==> flow/design.v <==
module u_mpy_n #(
   parameter WD = 16
) (
   input logic aclk,
   input logic [WD-1:0] in_op_a,
   input logic [WD-1:0] in_op_b,
   input logic [2*WD-1:0] in_op_c,
   output logic [2*WD:0] out_q
);
   logic [WD-1:0] r_op_a;
   logic [WD-1:0] r_op_b;
   logic [2*WD-1:0] r_op_c;
   assign out_q = r_op_a * r_op_b + r_op_c;
   always_ff @(posedge aclk) begin
      r_op_a <= in_op_a;
      r_op_b <= in_op_b;
      r_op_c <= in_op_c;
   end
endmodule
* From RTL to reports: u_mpy_n
The steps from the RTL of u_mpy_n to its reports follow in flow order.
Lines are those of the file above, counted from 1.
Library cell names are shortened.
The mark -- stands for no value.
- Top module :: u_mpy_n
- Clock port :: aclk
- Standard-cell library :: sky130hd
- Corner :: tt_025C_1v80

* Elaborated design
Yosys after proc, flatten, opt, wreduce and memory -nomap, before mapping. Enables and synchronous resets that opt folds into registers are not counted as muxes. Memory bits, and registers merged into a memory's read port (data or address), are not among the register bits. Print and check cells are not counted. Equal cells are merged and count once.
- Bits in registers :: 64
- Input port bits :: 65
- $add $sub $neg :: 1
- Multiply operators :: 1
** Operators by type and width (count)
- 16-bit by 16-bit multiplier with 32-bit output :: 1
- 32-bit by 32-bit adder with 33-bit output :: 1

* Longest topological paths
Longest topological path by Yosys (ltp), each cell counted once; first at word level (registers and memories cut), then after technology mapping (sequential cells cut; the memories' decode and read muxes count).
- Word-level depth :: 2
- ABC_AREA :: 0
- Gate-level depth with buffers :: 23
- Mapped depth without buffers :: 21

* Synthesis result
The flow's flattened synthesis, as Yosys stat reports it; memories are mapped. The netlist is that of the ABC_AREA named above (0 if unset); the other value can give another one.
The area totals of this step are shown rounded.
- Standard cells after synthesis :: 1214
- Cell area after synthesis :: 11000 µm²
- Area of sequential cells :: 1280 µm²
- Flip-flop cells :: 64
- Buffers :: 38
** Cells by type
- fa_1 :: count 226, total area 4.52E+03 µm²
- ha_1 :: count 104, total area 1.3E+03 µm²
- inv_1 :: count 344, total area 1.29E+03 µm²
- dfxtp_1 :: count 64, total area 1.28E+03 µm²
- and2_1 :: count 129, total area 807.024 µm²
- nand2_1 :: count 149, total area 559.286 µm²
- a21oi_1 :: count 29, total area 145.139 µm²
- clkbuf_1 :: count 37, total area 138.883 µm²
- xnor2_1 :: count 15, total area 131.376 µm²
- xor2_1 :: count 12, total area 105.101 µm²
- o21ai_0 :: count 14, total area 70.067 µm²
- nor2_1 :: count 17, total area 63.811 µm²
- a21o_1 :: count 6, total area 45.043 µm²
- nand3_1 :: count 7, total area 35.034 µm²
- nor2b_1 :: count 5, total area 31.28 µm²
- o21a_1 :: count 4, total area 30.029 µm²
- o21bai_1 :: count 4, total area 30.029 µm²
- and4_1 :: count 3, total area 26.275 µm²
Not listed: further types 30, cells in them 45.

* Timing after synthesis
Source: OpenSTA report_checks on the synthesized netlist (no wires, ideal clock, input and output delay 20% of the period each), path of least setup slack; recovery checks are left aside. Register names are those of the netlist, which keeps one name where synthesis merged equal registers.
- Path type :: register to output
- Start :: register r_op_b[1]
- End :: output out_q[20]
- Period :: 9.14 ns
- External output delay :: 1.828 ns
- Arrival time :: 5.848 ns
- Path slack :: 1.464 ns
- Path delay :: 5.848 ns
- Driving pins on the path :: 20
- Synthesis period reached :: 7.676 ns
"path delay" is the arrival time less input delay plus setup time.
A path that ends at an output port has no setup time.
"driving pins on the path": output pins that drive a net of the path, with the launching flip-flop's if there is one; two outputs of one cell count as two.
"synthesis period reached" = period - worst setup slack (recovery checks aside). The figure is calculated, with input and output delays left at 20% of the set period.
The rows between start and end are the longest chain of elaborated cells between them; the timing report does not say that the signal goes this way. Where chains are equally long, one stands for them.
Each line given opens the expression or statement behind the cell; cells for indexed reads and writes are added by Yosys, which also makes memories of some case tables.
- Path through :: dfxtp_1 -> clkbuf_1 -> nand2_1 -> fa_1 -> fa_1 -> fa_1 -> inv_1 -> fa_1 -> fa_1 -> inv_1 -> fa_1 -> inv_1 -> ha_1 -> and4_1 -> nand2_1 -> or3_4 -> a21oi_4 -> o2111ai_2 -> mux2i_1 -> or4_1
- Cells in the longest elaborated chain :: 2
- Elaborated cells between the ends (all ways) :: 2
- Those cells by class :: 1 x add/sub; 1 x mul
** Ends and longest elaborated chain, post-synthesis
- start: declaration :: RTL line 11 : logic [WD-1:0] r_op_b;
- start: assignment :: RTL line 16 : r_op_b <= in_op_b;
- 16-bit by 16-bit multiplier with 32-bit output :: RTL line 13 : assign out_q = r_op_a * r_op_b + r_op_c;
- 32-bit by 32-bit adder with 33-bit output :: RTL line 13
- end: declaration :: RTL line 8 : output logic [2*WD:0] out_q

* Path in the finished layout
From the final timing report of run 1: the path of least setup slack in the routed layout; clock arrival at registers is part of the times.
- Path type :: register to output
- Start :: register r_op_a[9]
- End :: output out_q[31]
- Period :: 8.78 ns
- External output delay :: 1.76 ns
- Arrival time :: 6.79 ns
- Path slack :: 0.24 ns
- Driving pins on the path :: 21
The rows between start and end are the longest chain of elaborated cells between them; the timing report does not say that the signal goes this way. Where chains are equally long, one stands for them.
- Path through :: dfxtp_2 -> buf_4 -> nand2_1 -> fa_1 -> inv_1 -> fa_1 -> fa_1 -> fa_1 -> fa_1 -> inv_1 -> fa_1 -> inv_1 -> ha_1 -> and4_1 -> nand2_1 -> a211oi_1 -> a211o_1 -> o21bai_2 -> o21ai_0 -> xor2_1 -> clkdlybuf4s50_1
- Cells in the longest elaborated chain :: 2
- Elaborated cells between the ends (all ways) :: 2
- Those cells by class :: 1 x add/sub; 1 x mul
** Ends and longest elaborated chain, post-layout
- start: declaration :: RTL line 10 : logic [WD-1:0] r_op_a;
- start: assignment :: RTL line 15 : r_op_a <= in_op_a;
- 16-bit by 16-bit multiplier with 32-bit output :: RTL line 13 : assign out_q = r_op_a * r_op_b + r_op_c;
- 32-bit by 32-bit adder with 33-bit output :: RTL line 13
- end: declaration :: RTL line 8 : output logic [2*WD:0] out_q

==> runs of u_mpy_n <==
Record of 3 stored runs of the RTL-to-layout flow on u_mpy_n, platform sky130hd. The runs are unordered. Constraints: input delay and output delay 20% of the set period each, output load 0.01 pF.
"period achieved" = clock period - worst setup slack. The figure is calculated, with input and output delays left at 20% of the set period.
"time of the worst setup path" is the time allowed to the run's worst setup path (the clock period less input and output delay, where it has them) less its slack. Clock arrival times count: a late capture clock shortens it, a late launch clock lengthens it.
Results are given in rounded form.

** Run 1
- Settings :: period_ns=8.78; CORE_UTILIZATION=17; PLACE_DENSITY=0.86; CTS_CLUSTER_SIZE=26; CTS_CLUSTER_DIAMETER=184; CAP_MARGIN=20; MAX_ROUTING_LAYER=met4; CORE_MARGIN=2; SLEW_MARGIN=20
- Standard-cell area after layout :: 13300 µm²
- Worst slack on setup checks :: 0.236 ns
- Post-layout utilization :: 20.8 %
- Time of the worst setup path :: 6.79 ns
- Type of the worst setup path :: register to output
- Area inside the die boundary :: 66600 µm²
- Period achieved :: 8.544 ns
- Lowest hold slack :: 1.83 ns
- Synthesis area :: 11000 µm²
- Sum of negative setup slack :: 0.000 ns

** Run 2
- Settings :: period_ns=7.71; CORE_UTILIZATION=40; SETUP_SLACK_MARGIN=1.68; PLACE_DENSITY_LB_ADDON=0.05; CORE_ASPECT_RATIO=1.35; CORE_MARGIN=2; CELL_PAD_IN_SITES_GLOBAL_PLACEMENT=2; CELL_PAD_IN_SITES_DETAIL_PLACEMENT=0; TNS_END_PERCENT=100; GPL_TIMING_DRIVEN=0; GPL_ROUTABILITY_DRIVEN=1; CAP_MARGIN=20; SLEW_MARGIN=20
- Lowest hold slack :: 1.61 ns
- Synthesis area :: 11000 µm²
- Worst slack on setup checks :: 0.042 ns
- Post-layout utilization :: 54.6 %
- Period achieved :: 7.668 ns
- Sum of negative setup slack :: 0.000 ns
- Area inside the die boundary :: 28800 µm²
- Time of the worst setup path :: 6.13 ns
- Type of the worst setup path :: register to output
- Standard-cell area after layout :: 14800 µm²

** Run 3
- Settings :: period_ns=9.14; CAP_MARGIN=20; CORE_MARGIN=2; CORE_UTILIZATION=40; SLEW_MARGIN=20
- Synthesis area :: 11000 µm²
- Worst slack on setup checks :: 0.257 ns
- Area inside the die boundary :: 28800 µm²
- Post-layout utilization :: 46.9 %
- Lowest hold slack :: 1.90 ns
- Time of the worst setup path :: 7.05 ns
- Type of the worst setup path :: register to output
- Period achieved :: 8.883 ns
- Sum of negative setup slack :: 0.000 ns
- Standard-cell area after layout :: 12600 µm²
